==> flow/design.v <==
module my_selector_rtl #(
    parameter W = 32
) (
    input wire clk,
    input wire nrst,
    input wire [W-1:0] din0,
    input wire [W-1:0] din1,
    input wire [W-1:0] din2,
    input wire [1:0] sel,
    output wire [W-1:0] q
);
    reg [W-1:0] din0_ff;
    reg [W-1:0] din1_ff;
    reg [W-1:0] din2_ff;
    reg [1:0] sel_ff;
    always @(posedge clk or negedge nrst) begin
        if (!nrst) begin
            din0_ff <= 0;
            din1_ff <= 0;
            din2_ff <= 0;
            sel_ff <= 0;
        end else begin
            din0_ff <= din0;
            din1_ff <= din1;
            din2_ff <= din2;
            sel_ff <= sel;
        end
    end
    reg [W-1:0] t;
    always @* begin
        if (sel_ff == 0) t = din0_ff;
        else if (sel_ff == 1) t = din1_ff;
        else t = din2_ff;
    end
    assign q = t;
endmodule
## Reports on my_selector_rtl

Tool output for the design above, in the order of the flow.
Lines are those of the file above, counted from 1.
Library cell names are shortened.
Not given: n/a

| design | value |
|---|---|
| design top | my_selector_rtl |
| clock input | clk |
| standard-cell library | sky130hd |
| library corner | tt_025C_1v80 |

## After elaboration

Counts by Yosys on the flattened word-level netlist (proc, flatten, opt, wreduce; memories kept). Register bits leave out memories and registers merged into their read ports (data or address); mux counts leave out enables and synchronous resets folded into registers. Print and check cells are left out. Cells with the same type and inputs are merged into one.

| bit counts | value |
|---|---|
| bits in registers | 98 |
| bits in latches | 0 |
| bits in writable memories | 0 |
| ROM bits | 0 |
| word width x clocked read ports | 0 |
| memories | 0 |
| output and inout port bits | 32 |

| cells by class | value |
|---|---|
| add/sub/neg operators | 0 |
| multiply operators | 0 |
| divide/modulo/power cells | 0 |
| magnitude comparators | 0 |
| equality and inequality tests | 1 |
| shift-type cells | 0 |
| muxes and demuxes | 2 |
| bitwise logic cells | 0 |
| reductions and logical operators | 1 |

Operators by type and width:

| operator | number |
|---|---|
| 32-bit 2-to-1 mux | 2 |
| 2-bit by 1-bit == test with 1-bit output (second input constant) | 1 |
| 2-bit logical NOT | 1 |

## Longest topological paths

Longest topological path by Yosys (ltp), each cell counted once; first at word level (registers and memories cut), then after technology mapping (sequential cells cut; the memories' decode and read muxes count).

| depth | value |
|---|---|
| word-level depth | 3 |
| ABC_AREA | 0 |
| depth in mapped cells | 4 |
| mapped depth without buffers | 2 |

## After synthesis

Yosys stat after the flow's synthesis: flattened, memories mapped to cells. It holds for the ABC_AREA given above (unset counts as 0); a run with the other value may have another netlist.

| synthesis totals | value |
|---|---|
| cells in the netlist | 205 |
| cell area after synthesis | 3166.8 um2 |
| sequential area | 2452.4 um2 |
| mapped flip-flops | 98 |
| buffer cells | 11 |

Cell types:

| type | number |
|---|---|
| dfrtp_1 | 98 |
| mux2i_1 | 32 |
| o21ai_1 | 28 |
| nand2_1 | 32 |
| buf_12 | 3 |
| buf_2 | 7 |
| o21ai_2 | 2 |
| buf_6 | 1 |
| o21ai_0 | 2 |

## Timing after synthesis

Source: OpenSTA report_checks on the synthesized netlist (no wires, ideal clock, input and output delay 20% of the period each), path of least setup slack; recovery checks are left aside. Register names are those of the netlist, which keeps one name where synthesis merged equal registers.

| path after synthesis | value |
|---|---|
| path kind | flip-flop to output port |
| start point | register sel_ff[0] |
| end point | output q[10] |
| clock period | 1.46 ns |
| external output delay | 0.292 ns |
| arrival time | 0.937 ns |
| data required time | 1.168 ns |
| path slack | 0.231 ns |
| path delay | 0.937 ns |
| driving pins on the path | 5 |
| synthesis period reached | 1.229 ns |

"path delay" is the arrival time less input delay plus setup time.
At an output port there is no setup time.
"driving pins on the path" counts driving pins, that of a launching flip-flop among them; a cell with two outputs on the path counts twice.
"synthesis period reached" is the clock period less the worst setup slack; recovery checks do not enter. This is arithmetic on one report: input and output delays are still those of the set period (20% each).
The rows between start and end are the longest chain of elaborated cells between them; the timing report does not say that the signal goes this way. Where chains are equally long, one stands for them.
Each line given opens the expression or statement behind the cell; cells for indexed reads and writes are added by Yosys, which also makes memories of some case tables.

| between the ends, after synthesis | value |
|---|---|
| path through | dfrtp_1 -> buf_6 -> buf_12 -> mux2i_1 -> o21ai_1 |
| length of the longest elaborated chain | 3 |
| elaborated cells on any way between the ends | 4 |
| RTL lines with such cells | 2 |
| classes of those cells | eq/ne: 1; mux: 2; reduce/logical: 1 |

RTL lines, path after synthesis:

| what | line | text |
|---|---|---|
| start, declared | 15 | `reg [1:0] sel_ff;` |
| start, assigned | 21 | `sel_ff <= 0;` |
| start, assigned | 26 | `sel_ff <= sel;` |
| 2-bit by 1-bit == test with 1-bit output | 32 | `else if (sel_ff == 1) t = din1_ff;` |
| 32-bit 2-to-1 mux | 32 |  |
| 32-bit 2-to-1 mux | 31 | `if (sel_ff == 0) t = din0_ff;` |
| end, declared | 10 | `output wire [W-1:0] q` |

## Path in the finished layout

From the final timing report of job 3: the path of least setup slack in the routed layout; clock arrival at registers is part of the times.

| path after layout | value |
|---|---|
| path kind | flip-flop to output port |
| start point | register sel_ff[0] |
| end point | output q[11] |
| clock period | 1.46 ns |
| external output delay | 0.29 ns |
| arrival time | 1.48 ns |
| data required time | 1.17 ns |
| path slack | -0.32 ns |
| driving pins on the path | 6 |

The rows between start and end are the longest chain of elaborated cells between them; the timing report does not say that the signal goes this way. Where chains are equally long, one stands for them.

| between the ends, after layout | value |
|---|---|
| path through | dfrtp_2 -> buf_6 -> buf_12 -> mux2i_1 -> o21ai_1 -> buf_2 |
| length of the longest elaborated chain | 3 |
| elaborated cells on any way between the ends | 4 |
| RTL lines with such cells | 2 |
| classes of those cells | eq/ne: 1; mux: 2; reduce/logical: 1 |

RTL lines, path after layout:

| what | line | text |
|---|---|---|
| start, declared | 15 | `reg [1:0] sel_ff;` |
| start, assigned | 21 | `sel_ff <= 0;` |
| start, assigned | 26 | `sel_ff <= sel;` |
| 2-bit by 1-bit == test with 1-bit output | 32 | `else if (sel_ff == 1) t = din1_ff;` |
| 32-bit 2-to-1 mux | 32 |  |
| 32-bit 2-to-1 mux | 31 | `if (sel_ff == 0) t = din0_ff;` |
| end, declared | 10 | `output wire [W-1:0] q` |

Appendix: measured runs

Record of 3 stored runs of the RTL-to-layout flow on my_selector_rtl, platform sky130hd. The runs are unordered. Constraints: input delay and output delay 20% of the set period each, output load 0.01 pF.
"clock period achieved" is the run's clock period less its worst setup slack. It is reckoned from that one timing run; input and output delays stay at 20% of the period that was set.
By "worst path time" is meant the share of the clock period that the worst setup path is allowed (20% is reserved at inputs, 20% at outputs), minus its slack. Clock arrival times at its registers enter into it.
"power" is the tool's figure for a default switching activity; nothing was simulated.

## Job 1

==> flow/run.sh <==
#!/bin/bash
# the make line also repeats the synthesis and layout settings of config.mk as NAME=value (left out here)
make -C /OpenROAD-flow-scripts/flow DESIGN_CONFIG=/design/flow/config.mk WORK_HOME=/design/flow/orfs CLKGATE_MAP_FILE= finish
==> flow/config.mk <==
export PLATFORM = sky130hd
export DESIGN_NAME = my_selector_rtl
export DESIGN_NICKNAME = my_selector_rtl
export VERILOG_FILES = /design/flow/design.v
export SDC_FILE = /design/flow/constraint.sdc
export NUM_CORES = 4
export LEC_CHECK = 0
export CAP_MARGIN = 20
export CELL_PAD_IN_SITES_DETAIL_PLACEMENT = 1
export CORE_MARGIN = 10
export CORE_UTILIZATION = 64
export MIN_ROUTING_LAYER = met2
export PLACE_DENSITY_LB_ADDON = 0.05
export SETUP_SLACK_MARGIN = 0.19
export SLEW_MARGIN = 35
==> flow/constraint.sdc <==
create_clock -name core_clock -period 0.968 [get_ports {clk}]
set_input_delay 0.1936 -clock core_clock [delete_from_list [all_inputs] [get_ports {clk}]]
set_output_delay 0.1936 -clock core_clock [all_outputs]
set_load 0.01 [all_outputs]

Job 1: stopped before the end: placement reported a tool error

## Job 2

==> flow/run.sh <==
#!/bin/bash
# the make line also repeats the synthesis and layout settings of config.mk as NAME=value (left out here)
make -C /OpenROAD-flow-scripts/flow DESIGN_CONFIG=/design/flow/config.mk WORK_HOME=/design/flow/orfs CLKGATE_MAP_FILE= finish
==> flow/config.mk <==
export PLATFORM = sky130hd
export DESIGN_NAME = my_selector_rtl
export DESIGN_NICKNAME = my_selector_rtl
export VERILOG_FILES = /design/flow/design.v
export SDC_FILE = /design/flow/constraint.sdc
export NUM_CORES = 4
export LEC_CHECK = 0
export CAP_MARGIN = 20
export CELL_PAD_IN_SITES_DETAIL_PLACEMENT = 1
export CORE_MARGIN = 2
export CORE_UTILIZATION = 61
export CTS_CLUSTER_SIZE = 84
export GPL_ROUTABILITY_DRIVEN = 1
export GPL_TIMING_DRIVEN = 0
export MIN_ROUTING_LAYER = met2
export PLACE_DENSITY_LB_ADDON = 0.19
export SETUP_SLACK_MARGIN = 0.21
export SLEW_MARGIN = 20
==> flow/constraint.sdc <==
create_clock -name core_clock -period 1.61 [get_ports {clk}]
set_input_delay 0.3220 -clock core_clock [delete_from_list [all_inputs] [get_ports {clk}]]
set_output_delay 0.3220 -clock core_clock [all_outputs]
set_load 0.01 [all_outputs]

Job 2: stopped before the end: placement reported a tool error

## Job 3

==> flow/run.sh <==
#!/bin/bash
# the make line also repeats the synthesis and layout settings of config.mk as NAME=value (left out here)
make -C /OpenROAD-flow-scripts/flow DESIGN_CONFIG=/design/flow/config.mk WORK_HOME=/design/flow/orfs CLKGATE_MAP_FILE= finish
==> flow/config.mk <==
export PLATFORM = sky130hd
export DESIGN_NAME = my_selector_rtl
export DESIGN_NICKNAME = my_selector_rtl
export VERILOG_FILES = /design/flow/design.v
export SDC_FILE = /design/flow/constraint.sdc
export NUM_CORES = 4
export LEC_CHECK = 0
export CAP_MARGIN = 20
export CORE_MARGIN = 2
export CORE_UTILIZATION = 40
export SLEW_MARGIN = 20
==> flow/constraint.sdc <==
create_clock -name core_clock -period 1.46 [get_ports {clk}]
set_input_delay 0.2920 -clock core_clock [delete_from_list [all_inputs] [get_ports {clk}]]
set_output_delay 0.2920 -clock core_clock [all_outputs]
set_load 0.01 [all_outputs]

| result of job 3 | value |
|---|---|
| setup slack of the worst path | -0.315 ns |
| post-layout utilization | 0.618 |
| worst path time | 1.48 ns |
| worst setup path kind | flip-flop to output port |
| area inside the die boundary | 8644.4 um2 |
| clock period achieved | 1.775 ns |
| post-synthesis cell area | 3166.8 um2 |
| power | 0.005107 W |
| standard-cell area of the final layout | 4754.6 um2 |
| worst hold slack | 0.368 ns |
| sum of negative setup slack | -8.092 ns |
